==> flow/design.v <==
module add #(
    parameter int WIDTH = 28
) (
    input  logic aclk,
    input  logic rst_ni,
    input  logic [WIDTH-1:0] x,
    input  logic [WIDTH-1:0] y,
    output logic [WIDTH:0] result
);
    logic [WIDTH-1:0] x_d1;
    logic [WIDTH-1:0] y_d1;
    localparam int H = WIDTH / 2;
    logic [H:0] low_d1;
    logic [WIDTH-H-1:0] x_hi_d1;
    logic [WIDTH-H-1:0] y_hi_d1;
    logic [WIDTH-H:0] hi;
    assign hi = x_hi_d1 + y_hi_d1 + low_d1[H];
    logic [WIDTH:0] result_d1;
    assign result = result_d1;
    always_ff @(posedge aclk or negedge rst_ni) begin
        if (~rst_ni) begin
            x_d1 <= 0;
            y_d1 <= 0;
            low_d1 <= 0;
            x_hi_d1 <= 0;
            y_hi_d1 <= 0;
            result_d1 <= 0;
        end else begin
            x_d1 <= x;
            y_d1 <= y;
            low_d1 <= x_d1[H-1:0] + y_d1[H-1:0];
            x_hi_d1 <= x_d1[WIDTH-1:H];
            y_hi_d1 <= y_d1[WIDTH-1:H];
            result_d1 <= {hi, low_d1[H-1:0]};
        end
    end
endmodule
# Reports on add

Tool output for the design above, in the order of the flow.
Lines are those of the file above, counted from 1.
Operators: Yosys type, input widths -> output width; for muxes data width and select width s.
Cell names lack the library's common part.
A cell with n/a has no value.

Top: add
Clock: aclk
Library: sky130hd
Timing corner: tt_025C_1v80

# Word-level counts

Yosys after proc, flatten, opt, wreduce and memory -nomap, before mapping. Enables and synchronous resets that opt folds into registers are not counted as muxes. Memory bits, and registers merged into a memory's read port (data or address), are not among the register bits. Print and check cells are not counted. Equal cells are merged and count once.

Flip-flop bits (word level): 128
Output and inout bits: 29
Elaborated cells: 9

Add/subtract/negate cells: 3

Operators by type and width:

| cell           | number |
| $add 14x14->15 | 2 |
| $add 15x1->15  | 1 |

# Logic depth

Longest topological path by Yosys (ltp), each cell counted once; first at word level (registers and memories cut), then after technology mapping (sequential cells cut; the memories' decode and read muxes count).

Depth after elaboration: 2
ABC_AREA: 0
Gate-level depth with buffers: 8
Depth with buffers taken out: 8

# After synthesis

Source: synth_stat.txt of the flow (Yosys; design flattened, memories mapped). It holds for the ABC_AREA given above (unset counts as 0); a run with the other value may have another netlist.
Totals and module areas in this step are rounded.

Mapped cells: 299
Mapped area: 4490 µm²
Sequential part of the area: 3200 µm²
Flip-flops: 128
Buffer cells: 1

Cell types:

| type     | number | total area (µm²) |
| dfrtp_1  | 128    | 3.2E+03 |
| ha_1     | 27     | 337.824 |
| xnor2_1  | 12     | 105.101 |
| a21oi_1  | 19     | 95.091 |
| xor2_1   | 8      | 70.067 |
| a21o_1   | 9      | 67.565 |
| fa_1     | 3      | 60.058 |
| nand2_1  | 14     | 52.55 |
| nor2_1   | 14     | 52.55 |
| o21ai_0  | 8      | 40.038 |
| a211oi_1 | 4      | 30.029 |
| o21a_1   | 4      | 30.029 |
| nand3_1  | 5      | 25.024 |
| a211o_2  | 2      | 20.019 |
| inv_1    | 5      | 18.768 |
| a211o_1  | 2      | 17.517 |
| a41oi_2  | 1      | 16.266 |
| a21boi_0 | 2      | 15.014 |

Not listed: further types 25, cells in them 32.

# Path before layout

OpenSTA on the mapped netlist: ideal clock, no wires. The path of least setup slack (recovery checks aside). Input and output delay are each 20% of the period. Register names are those of the netlist, which keeps one name where synthesis merged equal registers.

Kind: reg-to-reg
Start: register low_d1[14]
End: register result_d1[26]
Period: 2.76 ns
Library setup time: 0.080 ns
Arrival time: 2.129 ns
Path slack: 0.551 ns
Delay of the path: 2.209 ns
Stages: 9
Synthesis period reached: 2.209 ns

"delay of the path" is the arrival time less input delay plus setup time.
"stages": output pins that drive a net of the path, with the launching flip-flop's if there is one; two outputs of one cell count as two.
"synthesis period reached" is the clock period less the worst setup slack; recovery checks do not enter. This is arithmetic on one report: input and output delays are still those of the set period (20% each).
The rows between start and end are the longest chain of elaborated cells between them; the timing report does not say that the signal goes this way. Where chains are equally long, one stands for them.
A line is the first line of the expression or statement that the cell stems from. Yosys adds cells for indexed reads and writes and turns some case tables into memories.

Cell sequence: dfrtp_1 fa_1 inv_1 fa_1 and2b_2 o21a_2 or3_1 a41oi_2 xnor2_1
Length of the longest elaborated chain: 1

Ends and longest elaborated chain, post-synthesis:

| element            | RTL line | text |
| start: declaration | 13       | `logic [H:0] low_d1;` |
| start: assignment  | 24       | `low_d1 <= 0;` |
| start: assignment  | 31       | `low_d1 <= x_d1[H-1:0] + y_d1[H-1:0];` |
| $add 15x1->15      | 17       | `assign hi = x_hi_d1 + y_hi_d1 + low_d1[H];` |
| end: assignment    | 27       | `result_d1 <= 0;` |
| end: assignment    | 34       | `result_d1 <= {hi, low_d1[H-1:0]};` |
| end: declaration   | 18       | `logic [WIDTH:0] result_d1;` |

# Worst path after layout

From the final timing report of stored run 1: the path of least setup slack in the routed layout; clock arrival at registers is part of the times.

Kind: reg-to-reg
Start: register low_d1[14]
End: register result_d1[26]
Period: 2.76 ns
Library setup time: 0.07 ns
Arrival time: 2.79 ns
Path slack: 0.40 ns
Stages: 9

The rows between start and end are the longest chain of elaborated cells between them; the timing report does not say that the signal goes this way. Where chains are equally long, one stands for them.

Cell sequence: dfrtp_1 fa_1 inv_1 fa_1 and2b_2 o21a_2 or3_1 a41oi_2 xnor2_1
Length of the longest elaborated chain: 1

Ends and longest elaborated chain, post-layout:

| element            | RTL line | text |
| start: declaration | 13       | `logic [H:0] low_d1;` |
| start: assignment  | 24       | `low_d1 <= 0;` |
| start: assignment  | 31       | `low_d1 <= x_d1[H-1:0] + y_d1[H-1:0];` |
| $add 15x1->15      | 17       | `assign hi = x_hi_d1 + y_hi_d1 + low_d1[H];` |
| end: assignment    | 27       | `result_d1 <= 0;` |
| end: assignment    | 34       | `result_d1 <= {hi, low_d1[H-1:0]};` |
| end: declaration   | 18       | `logic [WIDTH:0] result_d1;` |

Hand-over note for add

Record of 3 stored runs of the RTL-to-layout flow on add, platform sky130hd. The runs are unordered. Constraints: input delay and output delay 20% of the set period each, output load 0.01 pF.
"reached clock period" means the clock period less the worst setup slack. The figure is calculated, with input and output delays left at 20% of the set period.
"worst setup path time": the worst setup path's part of the clock period (all of it between registers, 20% less for each end at a port) less its slack. A launch clock that arrives late makes it longer, a capture clock that arrives late makes it shorter.
"power" is the tool's figure for a default switching activity; nothing was simulated.
The results are shown rounded.
Settings: - = not set for that run.
Results: - = not shown.

| item                                  | stored run 1 | stored run 2 | stored run 3 |
| period_ns                             | 2.76         | 2.87         | 2.79         |
| CAP_MARGIN                            | 20           | 15           | 15           |
| CORE_MARGIN                           | 2            | 3            | 2            |
| CORE_UTILIZATION                      | 40           | 70           | 47           |
| SLEW_MARGIN                           | 20           | 20           | 40           |
| PLACE_DENSITY_LB_ADDON                | -            | 0.21         | 0.08         |
| CELL_PAD_IN_SITES_GLOBAL_PLACEMENT    | -            | 2            | 3            |
| ABC_AREA                              | -            | 1            | 0            |
| CTS_CLUSTER_DIAMETER                  | -            | 124          | -            |
| MIN_ROUTING_LAYER                     | -            | met2         | -            |
| CORE_ASPECT_RATIO                     | -            | -            | 1.37         |
| TNS_END_PERCENT                       | -            | -            | 75           |
| GPL_ROUTABILITY_DRIVEN                | -            | -            | 0            |
| setup slack of the worst path (ns)    | 0.396        | -            | 0.420        |
| overall die area (µm²)                | 12100        | -            | 10400        |
| summed negative setup slack (ns)      | 0.000        | -            | 0.000        |
| post-route utilization (%)            | 56.4         | -            | 66.1         |
| standard-cell area after layout (µm²) | 6140         | -            | 6110         |
| worst setup path time (ns)            | 2.36         | -            | 2.37         |
| worst path kind                       | reg-to-reg   | -            | reg-to-reg   |
| reached clock period (ns)             | 2.364        | -            | 2.370        |
| power (W)                             | 0.00498      | -            | 0.00495      |
| synthesized cell area (µm²)           | 4490         | -            | 4490         |

Stored run 2: unfinished; error FLW-0024 in placement

End of note.
